==> flow/design.v <==
module row #(parameter N = 4) (
    input wire [N-1:0] a,
    input wire sel,
    input wire [N-1:0] pin,
    output wire [N:0] pout
);
    assign pout = pin + (a & {N{sel}});
endmodule
module multiplier_rtl #(
    parameter NBITS = 12
) (
    input wire i_clk,
    input wire i_rst,
    input wire [NBITS-1:0] x,
    input wire [NBITS-1:0] y,
    output wire [2*NBITS-1:0] m
);
    wire [NBITS:0] nd [0:NBITS];
    wire [NBITS-1:0] low;
    assign nd[0] = 0;
    genvar k;
    generate
        for (k = 0; k < NBITS; k = k + 1) begin : slice
            row #(.N(NBITS)) u (.a(x), .sel(y[k]), .pin(nd[k][NBITS:1]), .pout(nd[k+1]));
            assign low[k] = nd[k+1][0];
        end
    endgenerate
    reg [2*NBITS-1:0] m_s;
    always @(posedge i_clk) begin
        if (i_rst) begin
            m_s <= 0;
        end else begin
            m_s <= {nd[NBITS][NBITS:1], low};
        end
    end
    assign m = m_s;
endmodule
== Tool chain data of multiplier_rtl ==
The steps from the RTL of multiplier_rtl to its reports follow in flow order.
Line numbers count from 1 in the design file above.
Cell names lack the library's common part.
Not given: --

* Top: multiplier_rtl
* Clock input: i_clk
* Library: sky130hd
* Library corner: tt_025C_1v80

== After elaboration ==
Counts by Yosys on the flattened word-level netlist (proc, flatten, opt, wreduce; memories kept). Register bits leave out memories and registers merged into their read ports (data or address); mux counts leave out enables and synchronous resets folded into registers. Print and check cells are left out. Cells with the same type and inputs are merged into one.

* $add $sub $neg: 11
* $mul: 0
* Div/mod/pow operators: 0
* Order comparisons: 0
* Equal/unequal tests: 0
* Shift operators: 0
* Multiplexer cells: 0
* Bitwise operators: 12
* Reductions and logical operators: 0

{| class="wikitable"
|+ Operator list
! cell !! count
|-
| 12-bit AND || 12
|-
| 12-bit by 13-bit adder with 13-bit output || 10
|-
| 11-bit by 13-bit adder with 13-bit output || 1
|}

* Register bits after elaboration: 24
* Latch bits: 0
* Memory bits (writable): 0
* Bits in read-only memories: 0
* Clocked read ports x word width: 0
* Memories: 0
* Elaborated cells: 24

== Logic depth ==
Yosys ltp: most cells in a row. Word level: on the elaborated netlist, between registers, memories and ports. Mapped: between sequential cells and ports; inverters and the memories' decode and read muxes count.

* Word-level depth: 12
* ABC_AREA: 0
* Gate-level depth with buffers: 70
* Mapped depth without buffers: 66

== Netlist ==
The flow's flattened synthesis, as Yosys stat reports it; memories are mapped. The netlist is that of the ABC_AREA named above (0 if unset); the other value can give another one.

* Standard cells after synthesis: 1067
* Synthesis area: 7798.7 um^2
* Flip-flop cells: 24
* Buffer cells: 39

{| class="wikitable"
|+ Cell types
! cell type !! count
|-
| ha_1 || 134
|-
| and2_1 || 136
|-
| xnor2_1 || 68
|-
| dfxtp_1 || 24
|-
| a21oi_1 || 79
|-
| nor2_1 || 72
|-
| o21ai_0 || 48
|-
| a21o_1 || 31
|-
| inv_1 || 61
|-
| fa_1 || 11
|-
| nand2_1 || 54
|-
| nor2b_1 || 30
|-
| o21a_1 || 23
|-
| a211oi_1 || 21
|-
| clkbuf_1 || 35
|-
| nor3_1 || 24
|-
| o21bai_1 || 16
|-
| xor2_1 || 13
|}

Other cell types: 44; their cells: 187.
The figures by module come from a second, unflattened synthesis with its own total; it is not the netlist above.

* Cell total of the unflattened synthesis: 1155
* Area (unflattened synthesis): 9135.0 um^2

Rows give one instance, submodules left out.

{| class="wikitable"
|+ By module
! module !! times used !! cells !! area (um^2) !! seq. area (um^2)
|-
| row #(N=12) || 12 || 92 || 703.2 || 0.0
|-
| multiplier_rtl || 1 || 51 || 696.9 || 480.5
|}

== Path before layout ==
Source: OpenSTA report_checks on the synthesized netlist (no wires, ideal clock, input and output delay 20% of the period each), path of least setup slack; recovery checks are left aside. Register names are those of the netlist, which keeps one name where synthesis merged equal registers.

* Path kind: input to register
* From: input port y[0]
* To: register m_s[22]
* Clock period: 20.4 ns
* Input delay: 4.080 ns
* Time at the first pin: 4.080 ns
* Arrival: 17.013 ns
* Required time: 20.268 ns
* Path slack: 3.255 ns
* Path delay: 13.065 ns
* Stages: 66
* Synthesis period reached: 17.145 ns

"path delay" is the arrival time less input delay plus setup time.
"stages" counts driving pins, that of a launching flip-flop among them; a cell with two outputs on the path counts twice.
"synthesis period reached" is the clock period less the worst setup slack; recovery checks do not enter. This is arithmetic on one report: input and output delays are still those of the set period (20% each).
Between the ends stands the longest chain of elaborated cells between them, by number of cells; it is not shown to be the way that was timed. Of several equally long chains one is given.
A line is the first line of the expression or statement that the cell stems from. Yosys adds cells for indexed reads and writes and turns some case tables into memories.

* Path through: clkbuf_1 -> and2_1 -> ha_1 -> inv_1 -> fa_1 -> nor2b_1 -> o31a_1 -> o2111ai_1 -> nand2_1 -> xor2_1 -> ha_1 -> a21oi_1 -> o21ai_0 -> a31o_2 -> a21oi_1 -> xnor2_1 -> ha_1 -> clkbuf_1 -> (+30 left out) -> a2111oi_0 -> o311ai_1 -> ha_1 -> clkbuf_1 -> nor4_1 -> a31oi_1 -> nand2_1 -> or3b_2 -> ha_1 -> clkbuf_1 -> or4b_2 -> o211ai_1 -> ha_1 -> a21o_1 -> a21o_1 -> a21oi_1 -> mux2i_1 -> o21ai_0
* Cells in the longest elaborated chain: 12
* Elaborated cells between the ends (all ways): 12

{| class="wikitable"
|+ Ends and longest elaborated chain, after synthesis
! item !! RTL line !! RTL
|-
| from (decl) || 15 || <nowiki>input wire [NBITS-1:0] y,</nowiki>
|-
| 12-bit AND || 7 || <nowiki>assign pout = pin + (a & {N{sel}});</nowiki>
|-
| 11-bit by 13-bit adder with 13-bit output || 7 ||
|-
| 12-bit by 13-bit adder with 13-bit output x10 || 7 ||
|-
| to (assign) || 31 || <nowiki>m_s <= 0;</nowiki>
|-
| to (assign) || 33 || <nowiki>m_s <= {nd[NBITS][NBITS:1], low};</nowiki>
|-
| to (decl) || 28 || <nowiki>reg [2*NBITS-1:0] m_s;</nowiki>
|}

== Worst path after layout ==
From the final timing report of flow run B: the path of least setup slack in the routed layout; clock arrival at registers is part of the times.

* Path kind: input to register
* From: input port x[10]
* To: register m_s[22]
* Clock period: 20.4 ns
* Input delay: 4.08 ns
* Time at the first pin: 4.08 ns
* Arrival: 18.88 ns
* Required time: 20.50 ns
* Path slack: 1.62 ns
* Stages: 62

Between the ends stands the longest chain of elaborated cells between them, by number of cells; it is not shown to be the way that was timed. Of several equally long chains one is given.

* Path through: clkdlybuf4s50_1 -> and2_1 -> ha_1 -> inv_1 -> and3_1 -> a2111oi_0 -> o311ai_0 -> ha_1 -> nor2b_1 -> nand2b_1 -> o21ai_0 -> a311oi_1 -> nand3_1 -> ha_1 -> nand3_1 -> o21ai_1 -> mux2i_1 -> o211ai_1 -> (+26 left out) -> a31oi_1 -> nand2_1 -> or3b_2 -> ha_1 -> inv_1 -> and3_1 -> a2111oi_0 -> o311ai_1 -> ha_1 -> inv_1 -> or4b_2 -> o211ai_1 -> ha_1 -> a21o_1 -> a21o_1 -> a21oi_1 -> mux2i_1 -> o21ai_0
* Cells in the longest elaborated chain: 12
* Elaborated cells between the ends (all ways): 23

{| class="wikitable"
|+ Ends and longest elaborated chain, after layout
! item !! RTL line !! RTL
|-
| from (decl) || 14 || <nowiki>input wire [NBITS-1:0] x,</nowiki>
|-
| 12-bit AND || 7 || <nowiki>assign pout = pin + (a & {N{sel}});</nowiki>
|-
| 11-bit by 13-bit adder with 13-bit output || 7 ||
|-
| 12-bit by 13-bit adder with 13-bit output x10 || 7 ||
|-
| to (assign) || 31 || <nowiki>m_s <= 0;</nowiki>
|-
| to (assign) || 33 || <nowiki>m_s <= {nd[NBITS][NBITS:1], low};</nowiki>
|-
| to (decl) || 28 || <nowiki>reg [2*NBITS-1:0] m_s;</nowiki>
|}

Subject: flow runs of multiplier_rtl

Hi,

Top module multiplier_rtl; platform sky130hd; tools Yosys and OpenROAD; 3 stored runs in no particular order. Input and output delays are each 20% of the period that was set; the output load is 0.01 pF.
"clock period achieved" = clock period - worst setup slack. The figure is calculated, with input and output delays left at 20% of the set period.
"worst path time" means the part of the period allowed to the worst setup path (the constraints hold back 20% at inputs and 20% at outputs) less its slack; where the path has registers, the arrival times of their clocks count too.

=== Flow run A ===
{| class="wikitable"
! Setting !! Value
|-
| period_ns || 13.2
|-
| CORE_UTILIZATION || 53
|-
| SETUP_SLACK_MARGIN || 2.45
|-
| CORE_MARGIN || 9
|-
| CELL_PAD_IN_SITES_GLOBAL_PLACEMENT || 3
|-
| TNS_END_PERCENT || 30
|-
| GPL_ROUTABILITY_DRIVEN || 1
|-
| CTS_CLUSTER_SIZE || 34
|-
| CTS_CLUSTER_DIAMETER || 153
|-
| CAP_MARGIN || 35
|-
| SLEW_MARGIN || 40
|-
| MAX_ROUTING_LAYER || met4
|}
Stopped before the end: placement reported GPL-0301.

=== Flow run B ===
{| class="wikitable"
! Setting !! Value
|-
| period_ns || 20.4
|-
| CAP_MARGIN || 20
|-
| CORE_MARGIN || 2
|-
| CORE_UTILIZATION || 40
|-
| SLEW_MARGIN || 20
|-
! Result !! Value
|-
| Synthesized cell area || 7798.7 um^2
|-
| Area inside the die boundary || 20629.6 um^2
|-
| Standard-cell area after layout || 8582.0 um^2
|-
| Utilization of the finished layout || 44.5%
|-
| Smallest setup slack || 1.625 ns
|-
| Summed negative setup slack || 0.000 ns
|-
| Worst hold slack in the final report || 4.288 ns
|-
| Clock period achieved || 18.775 ns
|-
| Worst path time || 14.70 ns
|-
| Worst path kind || input to register
|}

=== Flow run C ===
{| class="wikitable"
! Setting !! Value
|-
| period_ns || 25.8
|-
| CORE_UTILIZATION || 52
|-
| SETUP_SLACK_MARGIN || -2.0
|-
| PLACE_DENSITY_LB_ADDON || 0.2
|-
| CORE_MARGIN || 7
|-
| CELL_PAD_IN_SITES_DETAIL_PLACEMENT || 0
|-
| TNS_END_PERCENT || 70
|-
| MIN_ROUTING_LAYER || met1
|-
| MAX_ROUTING_LAYER || met4
|-
| CAP_MARGIN || 20
|-
| SLEW_MARGIN || 20
|-
! Result !! Value
|-
| Synthesized cell area || 7798.7 um^2
|-
| Area inside the die boundary || 18622.7 um^2
|-
| Standard-cell area after layout || 8433.1 um^2
|-
| Utilization of the finished layout || 57.8%
|-
| Smallest setup slack || 5.844 ns
|-
| Summed negative setup slack || 0.000 ns
|-
| Worst hold slack in the final report || 5.748 ns
|-
| Clock period achieved || 19.956 ns
|-
| Worst path time || 14.80 ns
|-
| Worst path kind || input to register
|}

Regards
